==> flow/design.v <==
module row #(parameter N = 4) (
    input wire [N-1:0] a,
    input wire sel,
    input wire [N-1:0] pin,
    output wire [N:0] pout
);
    assign pout = pin + (a & {N{sel}});
endmodule
module multiplier_rtl #(
    parameter NBITS = 6
) (
    input wire i_clk,
    input wire i_rst,
    input wire [NBITS-1:0] x,
    input wire [NBITS-1:0] y,
    output wire [2*NBITS-1:0] m
);
    wire [NBITS:0] nd [0:NBITS];
    wire [NBITS-1:0] low;
    assign nd[0] = 0;
    genvar k;
    generate
        for (k = 0; k < NBITS; k = k + 1) begin : slice
            row #(.N(NBITS)) u (.a(x), .sel(y[k]), .pin(nd[k][NBITS:1]), .pout(nd[k+1]));
            assign low[k] = nd[k+1][0];
        end
    endgenerate
    reg [2*NBITS-1:0] m_s;
    always @(posedge i_clk) begin
        if (i_rst) begin
            m_s <= 0;
        end else begin
            m_s <= {nd[NBITS][NBITS:1], low};
        end
    end
    assign m = m_s;
endmodule
=== From RTL to reports: multiplier_rtl ===
What the tools print for multiplier_rtl, step after step.
Line numbers count from 1 in the design file above.
Operators: Yosys type, input widths -> output width; for muxes data width and select width s.
A cell with n/a has no value.

* Top module: multiplier_rtl
* Clock: i_clk
* Cell library: sky130hd
* Corner: tt_025C_1v80

=== After elaboration ===
Yosys after proc, flatten, opt, wreduce and memory -nomap, before mapping. Enables and synchronous resets that opt folds into registers are not counted as muxes. Memory bits, and registers merged into a memory's read port (data or address), are not among the register bits. Print and check cells are not counted. Equal cells are merged and count once.

* Register bits after elaboration: 12
* Input bits: 14
* Output and inout bits: 12
* Word-level cells: 12

* Add/subtract/negate cells: 5
* Bitwise logic cells: 6

{| class="wikitable"
|+ Operators by type and width
! operator !! count
|-
| $and 6x6->6 || 6
|-
| $add 6x7->7 || 4
|-
| $add 5x7->7 || 1
|}

=== Depth ===
Longest topological path by Yosys (ltp), each cell counted once; first at word level (registers and memories cut), then after technology mapping (sequential cells cut; the memories' decode and read muxes count).

* Word-level depth: 6
* ABC_AREA: 0
* Mapped depth: 25
* Mapped depth without buffers: 25

=== After synthesis ===
Source: synth_stat.txt of the flow (Yosys; design flattened, memories mapped). It holds for the ABC_AREA given above (unset counts as 0); a run with the other value may have another netlist.

{| class="wikitable"
|+ Cells by type
! type !! count !! total area (µm²)
|-
| sky130_fd_sc_hd__ha_1 || 29 || 362.848
|-
| sky130_fd_sc_hd__dfxtp_1 || 12 || 240.23
|-
| sky130_fd_sc_hd__and2_1 || 32 || 200.192
|-
| sky130_fd_sc_hd__xnor2_1 || 12 || 105.101
|-
| sky130_fd_sc_hd__fa_1 || 5 || 100.096
|-
| sky130_fd_sc_hd__a211oi_1 || 9 || 67.565
|-
| sky130_fd_sc_hd__a21o_1 || 8 || 60.058
|-
| sky130_fd_sc_hd__a21oi_1 || 12 || 60.058
|-
| sky130_fd_sc_hd__o21ai_0 || 12 || 60.058
|-
| sky130_fd_sc_hd__nor2b_1 || 8 || 50.048
|-
| sky130_fd_sc_hd__nor2_1 || 11 || 41.29
|-
| sky130_fd_sc_hd__inv_1 || 10 || 37.536
|-
| sky130_fd_sc_hd__o21bai_1 || 4 || 30.029
|-
| sky130_fd_sc_hd__xor2_1 || 3 || 26.275
|-
| sky130_fd_sc_hd__nand2_1 || 6 || 22.522
|-
| sky130_fd_sc_hd__o21a_1 || 3 || 22.522
|-
| sky130_fd_sc_hd__nand2b_1 || 3 || 18.768
|-
| sky130_fd_sc_hd__o31a_1 || 2 || 17.517
|}

Not listed: further types 6, cells in them 9.

* Cells in the netlist: 190
* Mapped area: 1,582.8 µm²
* Area of sequential cells: 240.2 µm²
* Flip-flops: 12
* Buffers: 1

The figures by module come from a second, unflattened synthesis with its own total; it is not the netlist above.

* Cells (unflattened synthesis): 230
* Area total of the unflattened synthesis: 2,037.0 µm²

Rows give one instance, submodules left out.

{| class="wikitable"
|+ Modules
! module !! instances !! cells !! area (µm²) !! sequential area (µm²)
|-
| row (N=6) || 6 || 34 || 277.8 || 0.0
|-
| multiplier_rtl || 1 || 26 || 370.4 || 240.2
|}

=== Worst setup path after synthesis ===
Source: OpenSTA report_checks on the synthesized netlist (no wires, ideal clock, input and output delay 20% of the period each), path of least setup slack; recovery checks are left aside. Register names are those of the netlist, which keeps one name where synthesis merged equal registers.

* Kind: input to register
* Start: input x[1]
* End: register m_s[10]
* Period: 6,760 ps
* Input delay: 1,352 ps
* Setup time: 73 ps
* Time at the first pin: 1,352 ps
* Arrival time: 5,603 ps
* Data required time: 6,687 ps
* Slack: 1,084 ps
* Delay of the path: 4,324 ps
* Stages: 20
* Path buffers: 0
* Period reached after synthesis: 5,676 ps

"delay of the path" is the arrival time less input delay plus setup time.
"stages" counts driving pins, that of a launching flip-flop among them; a cell with two outputs on the path counts twice.
"period reached after synthesis" = period - worst setup slack (recovery checks aside). The figure is calculated, with input and output delays left at 20% of the set period.
The rows between start and end are the longest chain of elaborated cells between them; the timing report does not say that the signal goes this way. Where chains are equally long, one stands for them.
Each line given opens the expression or statement behind the cell; cells for indexed reads and writes are added by Yosys, which also makes memories of some case tables.

* Cell sequence: sky130_fd_sc_hd__and2_1 > sky130_fd_sc_hd__ha_1 > sky130_fd_sc_hd__fa_1 > sky130_fd_sc_hd__ha_1 > sky130_fd_sc_hd__fa_1 > sky130_fd_sc_hd__a21o_1 > sky130_fd_sc_hd__a211oi_1 > sky130_fd_sc_hd__nor2_1 > sky130_fd_sc_hd__ha_1 > sky130_fd_sc_hd__o21a_1 > sky130_fd_sc_hd__o31a_1 > sky130_fd_sc_hd__a21oi_1 > sky130_fd_sc_hd__ha_1 > sky130_fd_sc_hd__o21a_1 > sky130_fd_sc_hd__o31a_1 > sky130_fd_sc_hd__o21ai_0 > sky130_fd_sc_hd__nand2b_1 > sky130_fd_sc_hd__ha_1 > sky130_fd_sc_hd__or4b_1 > sky130_fd_sc_hd__o211ai_2
* Length of the longest elaborated chain: 6
* Elaborated cells on any way between the ends: 11
* Source lines of those cells: 1
* Classes of those cells: 5 x add/sub; 6 x logic

{| class="wikitable"
|+ Ends and longest elaborated chain, after synthesis
! element !! line !! RTL
|-
| from (decl) || 14 || <nowiki>input wire [NBITS-1:0] x,</nowiki>
|-
| $and 6x6->6 || 7 || <nowiki>assign pout = pin + (a & {N{sel}});</nowiki>
|-
| $add 5x7->7 || 7 ||
|-
| $add 6x7->7 x4 || 7 ||
|-
| to (assign) || 31 || <nowiki>m_s <= 0;</nowiki>
|-
| to (assign) || 33 || <nowiki>m_s <= {nd[NBITS][NBITS:1], low};</nowiki>
|-
| to (decl) || 28 || <nowiki>reg [2*NBITS-1:0] m_s;</nowiki>
|}

=== Worst path after layout ===
From the final timing report of flow run C: the path of least setup slack in the routed layout; clock arrival at registers is part of the times.
The report prints the path's times to 10 ps; the period is as set.

* Kind: input to register
* Start: input y[0]
* End: register m_s[10]
* Period: 6,760 ps
* Input delay: 1,350 ps
* Setup time: 70 ps
* Time at the first pin: 1,350 ps
* Arrival time: 6,490 ps
* Data required time: 6,940 ps
* Slack: 440 ps
* Stages: 22
* Path buffers: 1

The rows between start and end are the longest chain of elaborated cells between them; the timing report does not say that the signal goes this way. Where chains are equally long, one stands for them.

* Cell sequence: sky130_fd_sc_hd__clkdlybuf4s50_1 > sky130_fd_sc_hd__and2_1 > sky130_fd_sc_hd__ha_1 > sky130_fd_sc_hd__fa_1 > sky130_fd_sc_hd__ha_1 > sky130_fd_sc_hd__fa_1 > sky130_fd_sc_hd__a21o_1 > sky130_fd_sc_hd__a211oi_1 > sky130_fd_sc_hd__nor2_1 > sky130_fd_sc_hd__ha_1 > sky130_fd_sc_hd__o21ai_0 > sky130_fd_sc_hd__o21bai_1 > sky130_fd_sc_hd__a21oi_1 > sky130_fd_sc_hd__xnor2_1 > sky130_fd_sc_hd__ha_1 > sky130_fd_sc_hd__o21a_1 > sky130_fd_sc_hd__o31a_1 > sky130_fd_sc_hd__o21ai_0 > sky130_fd_sc_hd__nand2b_1 > sky130_fd_sc_hd__ha_1 > sky130_fd_sc_hd__or4b_1 > sky130_fd_sc_hd__o211ai_2
* Length of the longest elaborated chain: 6
* Elaborated cells on any way between the ends: 6
* Source lines of those cells: 1
* Classes of those cells: 5 x add/sub; 1 x logic

{| class="wikitable"
|+ Ends and longest elaborated chain, after layout
! element !! line !! RTL
|-
| from (decl) || 15 || <nowiki>input wire [NBITS-1:0] y,</nowiki>
|-
| $and 6x6->6 || 7 || <nowiki>assign pout = pin + (a & {N{sel}});</nowiki>
|-
| $add 5x7->7 || 7 ||
|-
| $add 6x7->7 x4 || 7 ||
|-
| to (assign) || 31 || <nowiki>m_s <= 0;</nowiki>
|-
| to (assign) || 33 || <nowiki>m_s <= {nd[NBITS][NBITS:1], low};</nowiki>
|-
| to (decl) || 28 || <nowiki>reg [2*NBITS-1:0] m_s;</nowiki>
|}

Lab notebook: multiplier_rtl

Record of 3 stored runs of the RTL-to-layout flow on multiplier_rtl, platform sky130hd. The runs are unordered. Constraints: input delay and output delay 20% of the set period each, output load 0.01 pF.
"clock period achieved" means the clock period less the worst setup slack. The figure is calculated, with input and output delays left at 20% of the set period.
"time on the worst setup path" = time allowed to the worst setup path (clock period - input delay - output delay, where it has them) - its slack; a late launch clock adds to it, a late capture clock takes from it.
"power consumption" rests on the timing tool's default activity at the inputs, not on a simulated workload.
"time on the worst setup path" is known to 10 ps.

=== Flow run A ===
{| class="wikitable"
! Setting !! Value
|-
| period_ns || 5.44
|-
| CORE_UTILIZATION || 65
|-
| PLACE_DENSITY || 0.55
|-
| CORE_ASPECT_RATIO || 1.23
|-
| CORE_MARGIN || 4
|-
| CELL_PAD_IN_SITES_DETAIL_PLACEMENT || 0
|-
| TNS_END_PERCENT || 85
|-
| CAP_MARGIN || 40
|-
| SLEW_MARGIN || 5
|}
No final report: clock tree synthesis broke off with DPL-0038.

=== Flow run B ===
{| class="wikitable"
! Setting !! Value
|-
| period_ns || 3.54
|-
| CORE_UTILIZATION || 63
|-
| SETUP_SLACK_MARGIN || -0.33
|-
| PLACE_DENSITY_LB_ADDON || 0.07
|-
| CORE_MARGIN || 3
|-
| TNS_END_PERCENT || 15
|-
| ABC_AREA || 0
|-
| CTS_CLUSTER_SIZE || 42
|-
| CAP_MARGIN || 20
|-
| SLEW_MARGIN || 20
|}
No final report: clock tree synthesis broke off with DPL-0038.

=== Flow run C ===
{| class="wikitable"
! Setting !! Value
|-
| period_ns || 6.76
|-
| CAP_MARGIN || 20
|-
| CORE_MARGIN || 2
|-
| CORE_UTILIZATION || 40
|-
| SLEW_MARGIN || 20
|-
! Result !! Value
|-
| Power consumption || 0.4726 mW
|-
| Setup TNS || 0 ps
|-
| Std-cell area (final layout) || 1,969.4 µm²
|-
| Time on the worst setup path || 4,960 ps
|-
| Kind of the worst setup path || input to register
|-
| Area of the die || 4,476.3 µm²
|-
| Cell area after synthesis || 1,582.8 µm²
|-
| Worst hold slack in the final report || 1,754 ps
|-
| Clock period achieved || 6,315 ps
|-
| Final design utilization || 0.526
|-
| Worst slack on setup checks || 445 ps
|}
